==> flow/design.v <==
module times_n #(
  parameter integer BITS = 14
) (
  input  clk,
  input  rst_n,
  input  [BITS-1:0] lhs_i,
  output [2*BITS-1:0] out_o
);
  reg [2*BITS-1:0] out_s;
  always @(posedge clk or negedge rst_n) begin
    if (!rst_n) begin
      out_s <= 0;
    end else begin
      out_s <= lhs_i * lhs_i;
    end
  end
  assign out_o = out_s;
endmodule
== Step by step through the tools: times_n ==
What the tools print for times_n, step after step.
Lines are those of the file above, counted from 1.
Library cell names are shortened.
A cell with -- has no value.

* Design top: times_n
* Clock input: clk
* Standard-cell library: sky130hd
* Corner: tt_025C_1v80

== Word level ==
Yosys after proc, flatten, opt, wreduce and memory -nomap, before mapping. Enables and synchronous resets that opt folds into registers are not counted as muxes. Memory bits, and registers merged into a memory's read port (data or address), are not among the register bits. Print and check cells are not counted. Equal cells are merged and count once.

* Add/sub/neg operators: 0
* Multiply operators: 1
* Div/mod/pow operators: 0
* Magnitude comparators: 0
* Equality and inequality tests: 0
* Shift operators: 0
* Multiplexer cells: 0
* Bitwise gates (word level): 0
* Reduce/logical cells: 0

{| class="wikitable"
|+ Operators by type and width
! kind !! count
|-
| multiplier 14 x 14 -> 28 bit || 1
|}

* Flip-flop bits (word level): 28
* Bits in latches: 0
* Bits in writable memories: 0
* Bits in read-only memories: 0
* Word width x clocked read ports: 0
* Memory cells: 0
* Input port bits: 16
* Output and inout port bits: 28
* Word-level cells: 2

== Longest topological paths ==
Longest topological path by Yosys (ltp), each cell counted once; first at word level (registers and memories cut), then after technology mapping (sequential cells cut; the memories' decode and read muxes count).

* Depth after elaboration: 1
* ABC_AREA: 0
* Mapped depth: 21
* Gate-level depth less buffers: 21

== After synthesis ==
Yosys stat after the flow's synthesis: flattened, memories mapped to cells. It holds for the ABC_AREA given above (unset counts as 0); a run with the other value may have another netlist.

* Cells in the netlist: 691
* Mapped area: 0.0064086 mm²
* Sequential part of the area: 0.0006756 mm²
* Mapped flip-flops: 27
* Buffers: 16

{| class="wikitable"
|+ Cells by type
! type !! count !! area in all (µm²)
|-
| fa_1 || 114 || 2.28E+03
|-
| ha_1 || 91 || 1.14E+03
|-
| inv_1 || 185 || 694.416
|-
| dfrtp_1 || 27 || 675.648
|-
| nand2_1 || 70 || 262.752
|-
| xnor2_1 || 26 || 227.718
|-
| and2_1 || 29 || 181.424
|-
| a21oi_1 || 20 || 100.096
|-
| xor2_1 || 9 || 78.826
|-
| a21o_1 || 10 || 75.072
|-
| o21ai_0 || 15 || 75.072
|-
| nor2_1 || 17 || 63.811
|-
| clkbuf_1 || 15 || 56.304
|-
| nand4_1 || 5 || 31.28
|-
| a211oi_1 || 4 || 30.029
|-
| a221oi_2 || 2 || 30.029
|-
| a221oi_4 || 1 || 26.275
|-
| a31o_2 || 3 || 26.275
|}

Not listed: further types 31, cells in them 48.

== Path before layout ==
Source: OpenSTA report_checks on the synthesized netlist (no wires, ideal clock, input and output delay 20% of the period each), path of least setup slack; recovery checks are left aside. Register names are those of the netlist, which keeps one name where synthesis merged equal registers.

* Kind: input-to-reg
* Start point: input lhs_i[5]
* End point: register out_s[21]
* Clock period: 8.02 ns
* External input delay: 1.604 ns
* Setup time: 0.126 ns
* Launch time at the first pin: 1.604 ns
* Arrival: 6.610 ns
* Required time: 7.894 ns
* Slack: 1.285 ns
* Path delay: 5.132 ns
* Stages on the path: 18
* Path buffers: 1
* Synthesis period reached: 6.735 ns

"path delay" is the arrival time less input delay plus setup time.
"stages on the path": output pins that drive a net of the path, with the launching flip-flop's if there is one; two outputs of one cell count as two.
"synthesis period reached" = period - worst setup slack (recovery checks aside). The figure is calculated, with input and output delays left at 20% of the set period.
Between the ends stands the longest chain of elaborated cells between them, by number of cells; it is not shown to be the way that was timed. Of several equally long chains one is given.
Each line given opens the expression or statement behind the cell; cells for indexed reads and writes are added by Yosys, which also makes memories of some case tables.

* Path through: clkbuf_1 nand2_1 fa_1 fa_1 inv_1 fa_1 inv_1 fa_1 inv_1 fa_1 fa_1 ha_1 nand3_1 a2111oi_0 nor3_1 o21ai_1 a31oi_1 xnor2_1
* Cells in the longest elaborated chain: 1
* Elaborated cells between the ends (all ways): 1
* Source lines of those cells: 1
* Those cells by class: 1 x mul

{| class="wikitable"
|+ Ends and longest elaborated chain, after synthesis
! what !! line !! source
|-
| from (decl) || 6 || <nowiki>input  [BITS-1:0] lhs_i,</nowiki>
|-
| multiplier 14 x 14 -> 28 bit || 14 || <nowiki>out_s <= lhs_i * lhs_i;</nowiki>
|-
| to (assign) || 12 || <nowiki>out_s <= 0;</nowiki>
|-
| to (assign) || 14 ||
|-
| to (decl) || 9 || <nowiki>reg [2*BITS-1:0] out_s;</nowiki>
|}

== Path in the finished layout ==
Path of least setup slack in the final report of stored run 2 (OpenROAD, finished layout, wires in). Where an end is a register, its clock arrival counts in the times.

* Kind: input-to-reg
* Start point: input lhs_i[4]
* End point: register out_s[26]
* Clock period: 6.31 ns
* External input delay: 1.26 ns
* Setup time: 0.11 ns
* Launch time at the first pin: 1.26 ns
* Arrival: 6.28 ns
* Required time: 6.47 ns
* Slack: 0.18 ns
* Stages on the path: 21
* Path buffers: 2

Between the ends stands the longest chain of elaborated cells between them, by number of cells; it is not shown to be the way that was timed. Of several equally long chains one is given.

* Path through: buf_6 buf_12 nand2_4 inv_2 fa_1 inv_2 fa_1 inv_2 fa_1 fa_1 fa_1 inv_1 fa_1 inv_2 ha_4 a21oi_2 o21a_1 o211ai_2 a221oi_4 a21boi_2 mux2_4
* Cells in the longest elaborated chain: 1
* Elaborated cells between the ends (all ways): 1
* Source lines of those cells: 1
* Those cells by class: 1 x mul

{| class="wikitable"
|+ Ends and longest elaborated chain, post-layout
! what !! line !! source
|-
| from (decl) || 6 || <nowiki>input  [BITS-1:0] lhs_i,</nowiki>
|-
| multiplier 14 x 14 -> 28 bit || 14 || <nowiki>out_s <= lhs_i * lhs_i;</nowiki>
|-
| to (assign) || 12 || <nowiki>out_s <= 0;</nowiki>
|-
| to (assign) || 14 ||
|-
| to (decl) || 9 || <nowiki>reg [2*BITS-1:0] out_s;</nowiki>
|}

Hand-over note for times_n

times_n through Yosys and OpenROAD on sky130hd: 3 stored runs, unordered, with their settings and measured results. The constraints put input and output delay at 20% of the set period each and load the outputs with 0.01 pF.
"critical path time" means the part of the period allowed to the worst setup path (the constraints hold back 20% at inputs and 20% at outputs) less its slack; where the path has registers, the arrival times of their clocks count too.

=== Stored run 1 ===
{| class="wikitable"
! Setting !! Value
|-
| period_ns || 5.64
|-
| CORE_UTILIZATION || 43
|-
| SETUP_SLACK_MARGIN || 0.87
|-
| PLACE_DENSITY_LB_ADDON || 0.26
|-
| CELL_PAD_IN_SITES_DETAIL_PLACEMENT || 2
|-
| TNS_END_PERCENT || 5
|-
| ABC_AREA || 1
|-
| SLEW_MARGIN || 10
|-
| MIN_ROUTING_LAYER || met1
|-
| CAP_MARGIN || 20
|-
| CORE_MARGIN || 2
|}
Unfinished; error DPL-0033 in placement.

=== Stored run 2 ===
{| class="wikitable"
! Setting !! Value
|-
| period_ns || 6.31
|-
| CORE_UTILIZATION || 28
|-
| SETUP_SLACK_MARGIN || 0.8
|-
| PLACE_DENSITY_LB_ADDON || 0.25
|-
| CORE_ASPECT_RATIO || 0.55
|-
| CORE_MARGIN || 6
|-
| GPL_TIMING_DRIVEN || 1
|-
| CTS_CLUSTER_DIAMETER || 251
|-
| MAX_ROUTING_LAYER || met5
|-
| CAP_MARGIN || 20
|-
| SLEW_MARGIN || 20
|-
! Result !! Value
|-
| Die footprint || 0.0268266 mm²
|-
| Critical path time || 4.87 ns
|-
| Worst path kind || input-to-reg
|-
| Area of the standard cells in the finished layout || 0.0092464 mm²
|-
| Yosys chip area after synthesis || 0.0064086 mm²
|-
| Setup slack of the worst path || 0.182 ns
|}

=== Stored run 3 ===
{| class="wikitable"
! Setting !! Value
|-
| period_ns || 8.02
|-
| CAP_MARGIN || 20
|-
| CORE_MARGIN || 2
|-
| CORE_UTILIZATION || 40
|-
| SLEW_MARGIN || 20
|-
! Result !! Value
|-
| Area of the standard cells in the finished layout || 0.0072219 mm²
|-
| Critical path time || 5.91 ns
|-
| Worst path kind || input-to-reg
|-
| Yosys chip area after synthesis || 0.0064086 mm²
|-
| Die footprint || 0.0170498 mm²
|-
| Setup slack of the worst path || 0.508 ns
|}

End of note.
